==> flow/design.v <==
module alu_mult_v2 #(
    parameter NBITS = 5
) (
    input  wire core_clk,
    input  wire [NBITS-1:0] da_in,
    input  wire [NBITS-1:0] db_in,
    output wire [2*NBITS-1:0] result_out
);
    reg [2*NBITS-1:0] cur;
    integer i;
    always @(*) begin
        cur = 0;
        for (i = 0; i < NBITS; i = i + 1)
            if (db_in[i]) cur = cur + (da_in << i);
    end
    reg [2*NBITS-1:0] result_s;
    always @(posedge core_clk) begin
        result_s <= cur;
    end
    assign result_out = result_s;
endmodule
### Reports on alu_mult_v2

The steps from the RTL of alu_mult_v2 to its reports follow in flow order.
Line numbers count from 1 in the design file above.
Operators carry their Yosys type and port widths (W data, S select, Z words).
The mark -- stands for no value.

| set-up | value |
|---|---|
| top | alu_mult_v2 |
| clock port | core_clk |
| library | sky130hd |
| corner | tt_025C_1v80 |

### After elaboration

Counts by Yosys on the flattened word-level netlist (proc, flatten, opt, wreduce; memories kept). Register bits leave out memories and registers merged into their read ports (data or address); mux counts leave out enables and synchronous resets folded into registers. Print and check cells are left out. Cells with the same type and inputs are merged into one.

| storage and ports | value |
|---|---|
| flip-flop bits (word level) | 10 |
| input port bits | 11 |
| cells after elaboration | 10 |

| operators by class | value |
|---|---|
| $add $sub $neg | 4 |
| muxes and demuxes | 5 |

Operators with widths:

| operator | count |
|---|---|
| $mux W10 | 4 |
| $add A10 B6 Y10 | 1 |
| $add A10 B7 Y10 | 1 |
| $add A10 B8 Y10 | 1 |
| $add A10 B9 Y10 | 1 |
| $mux W5 | 1 |

### Longest topological paths

Depth = most cells in a row (Yosys ltp): at word level without a register or memory, in the mapped netlist without a sequential cell, where the memories' decode and read muxes count.

| logic depth | value |
|---|---|
| depth after elaboration | 9 |
| ABC_AREA | 1 |
| depth in mapped cells | 32 |

### Mapped cells and area

Source: synth_stat.txt of the flow (Yosys; design flattened, memories mapped). It holds for the ABC_AREA given above (unset counts as 0); a run with the other value may have another netlist.
Totals and module areas in this step are rounded.

| synthesis totals | value |
|---|---|
| standard cells after synthesis | 174 |
| buffer cells | 2 |
| flip-flops | 10 |
| mapped area | 1,200 µm² |

Cell types:

| cell type | count | total area (µm²) |
|---|---|---|
| sky130_fd_sc_hd__ha_1 | 19 | 237.728 |
| sky130_fd_sc_hd__dfxtp_1 | 10 | 200.192 |
| sky130_fd_sc_hd__nand2_1 | 45 | 168.912 |
| sky130_fd_sc_hd__inv_1 | 24 | 90.086 |
| sky130_fd_sc_hd__nand3_1 | 15 | 75.072 |
| sky130_fd_sc_hd__fa_1 | 3 | 60.058 |
| sky130_fd_sc_hd__nand3_2 | 6 | 60.058 |
| sky130_fd_sc_hd__nand2_2 | 7 | 43.792 |
| sky130_fd_sc_hd__o21ai_2 | 5 | 43.792 |
| sky130_fd_sc_hd__a21oi_1 | 7 | 35.034 |
| sky130_fd_sc_hd__xor2_1 | 4 | 35.034 |
| sky130_fd_sc_hd__nor2_1 | 7 | 26.275 |
| sky130_fd_sc_hd__xnor2_1 | 3 | 26.275 |
| sky130_fd_sc_hd__nand4_2 | 2 | 25.024 |
| sky130_fd_sc_hd__o21ai_0 | 5 | 25.024 |
| sky130_fd_sc_hd__and2_1 | 3 | 18.768 |
| sky130_fd_sc_hd__buf_6 | 1 | 11.261 |
| sky130_fd_sc_hd__a21o_1 | 1 | 7.507 |

Other cell types: 7; their cells: 7.

### Timing after synthesis

OpenSTA on the mapped netlist: ideal clock, no wires. The path of least setup slack (recovery checks aside). Input and output delay are each 20% of the period. Register names are those of the netlist, which keeps one name where synthesis merged equal registers.

| timing post-synthesis | value |
|---|---|
| path type | input to register |
| from | in db_in[0] |
| to | reg result_s[8] |
| driving pins on the path | 23 |
| external input delay | 1,314 ps |
| delay of the path | 3,867 ps |
| buffers on the path | 1 |
| data arrival time | 5,056 ps |
| path slack | 1,388 ps |
| data required time | 6,445 ps |
| time at the first pin | 1,314 ps |
| clock period | 6,570 ps |
| setup time | 125 ps |
| period reached after synthesis | 5,182 ps |

"delay of the path" is the arrival time less input delay plus setup time.
"driving pins on the path" counts driving pins, that of a launching flip-flop among them; a cell with two outputs on the path counts twice.
"period reached after synthesis" is the clock period less the worst setup slack; recovery checks do not enter. This is arithmetic on one report: input and output delays are still those of the set period (20% each).
Between the ends stands the longest chain of elaborated cells between them, by number of cells; it is not shown to be the way that was timed. Of several equally long chains one is given.
Each line given opens the expression or statement behind the cell; cells for indexed reads and writes are added by Yosys, which also makes memories of some case tables.

| between the ends, post-synthesis | value |
|---|---|
| path through | sky130_fd_sc_hd__buf_6 > sky130_fd_sc_hd__nand2_1 > sky130_fd_sc_hd__inv_1 > sky130_fd_sc_hd__ha_1 > sky130_fd_sc_hd__ha_1 > sky130_fd_sc_hd__nand2_1 > sky130_fd_sc_hd__o21ai_0 > sky130_fd_sc_hd__ha_1 > sky130_fd_sc_hd__fa_1 > sky130_fd_sc_hd__or2_2 > sky130_fd_sc_hd__o21ai_2 > sky130_fd_sc_hd__inv_1 > sky130_fd_sc_hd__ha_1 > sky130_fd_sc_hd__fa_1 > sky130_fd_sc_hd__xnor2_1 > sky130_fd_sc_hd__nand2_1 > sky130_fd_sc_hd__and2_1 > sky130_fd_sc_hd__fa_1 > sky130_fd_sc_hd__a21oi_1 > sky130_fd_sc_hd__nor2_1 > sky130_fd_sc_hd__nor2_1 > sky130_fd_sc_hd__xor2_1 > sky130_fd_sc_hd__o21ai_0 |
| length of the longest elaborated chain | 9 |

Ends and longest elaborated chain, post-synthesis:

| item | line | text |
|---|---|---|
| start: declaration | 6 | `input  wire [NBITS-1:0] db_in,` |
| $mux W5 | 14 | `if (db_in[i]) cur = cur + (da_in << i);` |
| $add A10 B6 Y10 | 14 |  |
| $mux W10 | 14 |  |
| $add A10 B7 Y10 | 14 |  |
| $mux W10 | 14 |  |
| $add A10 B8 Y10 | 14 |  |
| $mux W10 | 14 |  |
| $add A10 B9 Y10 | 14 |  |
| $mux W10 | 14 |  |
| end: assignment | 18 | `result_s <= cur;` |
| end: declaration | 16 | `reg [2*NBITS-1:0] result_s;` |

### Path in the finished layout

From the final timing report of entry A: the path of least setup slack in the routed layout; clock arrival at registers is part of the times.
The report prints the path's times to 10 ps; the period is as set.

| timing after layout | value |
|---|---|
| path type | input to register |
| from | in db_in[0] |
| to | reg result_s[8] |
| setup time | 120 ps |
| clock period | 3,420 ps |
| buffers on the path | 1 |
| time at the first pin | 680 ps |
| path slack | -840 ps |
| external input delay | 680 ps |
| data arrival time | 4,380 ps |
| data required time | 3,530 ps |
| driving pins on the path | 25 |

Between the ends stands the longest chain of elaborated cells between them, by number of cells; it is not shown to be the way that was timed. Of several equally long chains one is given.

| between the ends, after layout | value |
|---|---|
| path through | sky130_fd_sc_hd__buf_6 > sky130_fd_sc_hd__nand2_4 > sky130_fd_sc_hd__inv_2 > sky130_fd_sc_hd__ha_4 > sky130_fd_sc_hd__ha_4 > sky130_fd_sc_hd__inv_2 > sky130_fd_sc_hd__nand2_2 > sky130_fd_sc_hd__xor2_1 > sky130_fd_sc_hd__nand2_1 > sky130_fd_sc_hd__o21ai_2 > sky130_fd_sc_hd__fa_1 > sky130_fd_sc_hd__or2_4 > sky130_fd_sc_hd__o21ai_2 > sky130_fd_sc_hd__inv_1 > sky130_fd_sc_hd__ha_2 > sky130_fd_sc_hd__fa_2 > sky130_fd_sc_hd__xnor2_2 > sky130_fd_sc_hd__nand2_1 > sky130_fd_sc_hd__and2_4 > sky130_fd_sc_hd__fa_2 > sky130_fd_sc_hd__a21oi_2 > sky130_fd_sc_hd__nor2_1 > sky130_fd_sc_hd__nor2_1 > sky130_fd_sc_hd__xor2_1 > sky130_fd_sc_hd__o21ai_1 |
| length of the longest elaborated chain | 9 |

Ends and longest elaborated chain, after layout:

| item | line | text |
|---|---|---|
| start: declaration | 6 | `input  wire [NBITS-1:0] db_in,` |
| $mux W5 | 14 | `if (db_in[i]) cur = cur + (da_in << i);` |
| $add A10 B6 Y10 | 14 |  |
| $mux W10 | 14 |  |
| $add A10 B7 Y10 | 14 |  |
| $mux W10 | 14 |  |
| $add A10 B8 Y10 | 14 |  |
| $mux W10 | 14 |  |
| $add A10 B9 Y10 | 14 |  |
| $mux W10 | 14 |  |
| end: assignment | 18 | `result_s <= cur;` |
| end: declaration | 16 | `reg [2*NBITS-1:0] result_s;` |

Hand-over note for alu_mult_v2

3 stored runs of alu_mult_v2 in the flow (synthesis by Yosys, layout by OpenROAD, sky130hd cells), in arbitrary order. Constraints: input delay and output delay 20% of the set period each, output load 0.01 pF.
"achieved period" means the clock period less the worst setup slack. The figure is calculated, with input and output delays left at 20% of the set period.
"critical setup path time" = time allowed to the worst setup path (clock period - input delay - output delay, where it has them) - its slack; a late launch clock adds to it, a late capture clock takes from it.
"total power of the final layout": no workload was simulated; the value follows from the tool's default switching activity.
"critical setup path time" is known to 10 ps.
The results are shown rounded.
A setting shown as -- is not set for that run.

| run | period_ns | CORE_UTILIZATION | SETUP_SLACK_MARGIN | PLACE_DENSITY_LB_ADDON | CORE_ASPECT_RATIO | CORE_MARGIN | CELL_PAD_IN_SITES_GLOBAL_PLACEMENT | TNS_END_PERCENT | ABC_AREA | GPL_TIMING_DRIVEN | GPL_ROUTABILITY_DRIVEN | SLEW_MARGIN | MAX_ROUTING_LAYER | CAP_MARGIN | MIN_ROUTING_LAYER | total power of the final layout (µW) | critical setup path time (ps) | critical path kind | area of the synthesized netlist (µm²) | worst-case hold slack (ps) | sum of negative setup slack (ps) | standard-cell area after layout (µm²) | setup slack of the worst path (ps) | achieved period (ps) | utilization after layout (%) | die footprint (µm²) |
|---|---|---|---|---|---|---|---|---|---|---|---|---|---|---|---|---|---|---|---|---|---|---|---|---|---|---|
| entry A | 3.42 | 35 | 0.87 | 0.2 | 1.4 | 8 | 0 | 25 | 1 | 1 | 0 | 15 | met4 | 20 | -- | 790 | 3,580 | input to register | 1,200 | 670 | -3,700 | 2,200 | -840 | 4,265 | 65 | 5,700 |
| entry B | 6.57 | 40 | -- | -- | -- | 2 | -- | -- | -- | -- | -- | 20 | -- | 20 | -- | 310 | 4,720 | input to register | 1,200 | 1,800 | 0 | 1,500 | 540 | 6,034 | 49 | 3,500 |
| entry C | 8.51 | 58 | 0.3 | 0.28 | -- | 7 | -- | 5 | -- | -- | 1 | 20 | -- | 20 | met1 | 240 | 5,230 | input to register | 1,200 | 2,200 | 0 | 1,500 | 1,600 | 6,932 | 73 | 3,600 |

End of note.
